==> flow/design.v <==
module sync_mag_cmp_mod #(
   parameter int W = 64
) (
   input  logic clock,
   input  logic clr,
   input  logic [W-1:0] u,
   input  logic [W-1:0] v,
   output logic le
);
   logic [W-1:0] u_q;
   logic [W-1:0] v_q;
   always_ff @(posedge clock or posedge clr) begin
      if (clr) begin
         u_q <= 0;
         v_q <= 0;
      end else begin
         u_q <= u;
         v_q <= v;
      end
   end
   assign le = (u_q <= v_q);
endmodule
* Tool chain data of sync_mag_cmp_mod
The steps from the RTL of sync_mag_cmp_mod to its reports follow in flow order. Line numbers count from 1 in the design file above. Operators carry their Yosys type and port widths (W data, S select, Z words). Cell names lack the library's common part. Not given: n/a
Set-up: top module sync_mag_cmp_mod, clock input clock, library sky130hd, library corner tt_025C_1v80

* After elaboration
Counts by Yosys on the flattened word-level netlist (proc, flatten, opt, wreduce; memories kept). Register bits leave out memories and registers merged into their read ports (data or address); mux counts leave out enables and synchronous resets folded into registers. Print and check cells are left out. Cells with the same type and inputs are merged into one.
Cells by class: $lt $le $gt $ge 1
Operator list (number):
- $le A64 B64 Y1 | 1
Word-level totals: bits in registers 128, output and inout port bits 1

* Longest topological paths
Longest topological path by Yosys (ltp), each cell counted once; first at word level (registers and memories cut), then after technology mapping (sequential cells cut; the memories' decode and read muxes count).
Depth: word-level depth 1, ABC_AREA 0, mapped depth 8

* Mapped cells and area
Yosys stat after the flow's synthesis: flattened, memories mapped to cells. It holds for the ABC_AREA given above (unset counts as 0); a run with the other value may have another netlist. Totals and module areas in this step are rounded.
Synthesis totals: standard cells after synthesis 358, cell area after synthesis 4820 µm², sequential part of the area 3200 µm², mapped flip-flops 128
Cells by type (number):
- dfrtp_1 | 128
- ha_1 | 64
- inv_1 | 67
- a21oi_1 | 27
- nand4_1 | 12
- nand2_1 | 16
- a21o_1 | 6
- o21ai_0 | 8
- a211oi_1 | 3
- nand3_1 | 4
- nor2b_1 | 3
- nand4_2 | 1
- or4_4 | 1
- a221o_1 | 1
- and4b_1 | 1
- o21ai_1 | 2
- o311a_1 | 1
- a221oi_1 | 1
Not listed: further types 11, cells in them 12.

* Timing after synthesis
OpenSTA on the mapped netlist: ideal clock, no wires. The path of least setup slack (recovery checks aside). Input and output delay are each 20% of the period. Register names are those of the netlist, which keeps one name where synthesis merged equal registers.
Timing post-synthesis: path type register to output, from register u_q[45], to output le, period 2.85 ns, external output delay 0.570 ns, time at the first pin 0.000 ns, arrival 1.822 ns, setup slack 0.458 ns, path delay 1.822 ns, stages 8, path buffers 0, period reached after synthesis 2.392 ns
"path delay" = arrival - input delay + setup time. At an output port there is no setup time. "stages": output pins that drive a net of the path, with the launching flip-flop's if there is one; two outputs of one cell count as two. "period reached after synthesis" is the clock period less the worst setup slack; recovery checks do not enter. This is arithmetic on one report: input and output delays are still those of the set period (20% each). The rows between start and end are the longest chain of elaborated cells between them; the timing report does not say that the signal goes this way. Where chains are equally long, one stands for them. Each line given opens the expression or statement behind the cell; cells for indexed reads and writes are added by Yosys, which also makes memories of some case tables.
On the way, post-synthesis: cell sequence dfrtp_1 > ha_1 > nand4_2 > or4_4 > and4b_1 > o41ai_1 > nand4_1 > nand3_1, cells in the longest elaborated chain 1
Ends and longest elaborated chain, post-synthesis:
- start, declared | RTL line 10 | logic [W-1:0] u_q;
- start, assigned | RTL line 14 | u_q <= 0;
- start, assigned | RTL line 17 | u_q <= u;
- $le A64 B64 Y1 | RTL line 21 | assign le = (u_q <= v_q);
- end, declared | RTL line 8 | output logic le

* Worst path after layout
Path of least setup slack in the final report of job 1 (OpenROAD, finished layout, wires in). Where an end is a register, its clock arrival counts in the times.
Timing post-layout: path type register to output, from register u_q[45], to output le, period 2.85 ns, external output delay 0.57 ns, time at the first pin 0.41 ns, arrival 2.42 ns, setup slack -0.14 ns, stages 9, path buffers 1
The rows between start and end are the longest chain of elaborated cells between them; the timing report does not say that the signal goes this way. Where chains are equally long, one stands for them.
On the way, post-layout: cell sequence dfrtp_1 > ha_4 > nand4_4 > or4_4 > and4b_2 > o41ai_2 > nand4_1 > nand3_1 > buf_2, cells in the longest elaborated chain 1
Ends and longest elaborated chain, post-layout:
- start, declared | RTL line 10 | logic [W-1:0] u_q;
- start, assigned | RTL line 14 | u_q <= 0;
- start, assigned | RTL line 17 | u_q <= u;
- $le A64 B64 Y1 | RTL line 21 | assign le = (u_q <= v_q);
- end, declared | RTL line 8 | output logic le

Wiki page: sync_mag_cmp_mod / flow data

Settings and measured results of 3 stored flow runs for module sync_mag_cmp_mod (sky130hd), not sorted in any way. The constraints put input and output delay at 20% of the set period each and load the outputs with 0.01 pF.
"reached clock period" means the clock period less the worst setup slack. The figure is calculated, with input and output delays left at 20% of the set period.
"critical setup path time": the worst setup path's part of the clock period (all of it between registers, 20% less for each end at a port) less its slack. A launch clock that arrives late makes it longer, a capture clock that arrives late makes it shorter.
"total power of the final layout" rests on the timing tool's default activity at the inputs, not on a simulated workload.
The measured numbers are rounded.

* Job 1 | settings: period_ns 2.85; CAP_MARGIN 20; CORE_MARGIN 2; CORE_UTILIZATION 40; SLEW_MARGIN 20 | results: utilization of the finished layout 0.594; area of the die 13000 µm²; sum of negative setup slack -0.142 ns; critical setup path time 2.42 ns; worst setup path type register to output; mapped cell area after synthesis 4820 µm²; total power of the final layout 4.61 mW; reached clock period 2.992 ns; worst slack on setup checks -0.142 ns; standard-cell area of the final layout 7080 µm²
* Job 2 | settings: period_ns 2.86; CORE_UTILIZATION 53; PLACE_DENSITY 0.46; CORE_ASPECT_RATIO 1.1; CTS_CLUSTER_SIZE 11; CTS_CLUSTER_DIAMETER 246; CAP_MARGIN 0; SLEW_MARGIN 10; MAX_ROUTING_LAYER met5; CORE_MARGIN 2 | results: utilization of the finished layout 0.781; area of the die 9880 µm²; sum of negative setup slack -0.253 ns; critical setup path time 2.54 ns; worst setup path type register to output; mapped cell area after synthesis 4820 µm²; total power of the final layout 4.37 mW; reached clock period 3.113 ns; worst slack on setup checks -0.253 ns; standard-cell area of the final layout 6930 µm²
* Job 3 | settings: period_ns 2.22; CORE_UTILIZATION 27; SETUP_SLACK_MARGIN 0.01; PLACE_DENSITY_LB_ADDON 0.05; CORE_ASPECT_RATIO 0.95; CTS_CLUSTER_SIZE 90; CTS_CLUSTER_DIAMETER 274; SLEW_MARGIN 25; CAP_MARGIN 20; CORE_MARGIN 2 | results: utilization of the finished layout 0.409; area of the die 19000 µm²; sum of negative setup slack -0.703 ns; critical setup path time 2.48 ns; worst setup path type register to output; mapped cell area after synthesis 4820 µm²; total power of the final layout 5.70 mW; reached clock period 2.923 ns; worst slack on setup checks -0.703 ns; standard-cell area of the final layout 7140 µm²
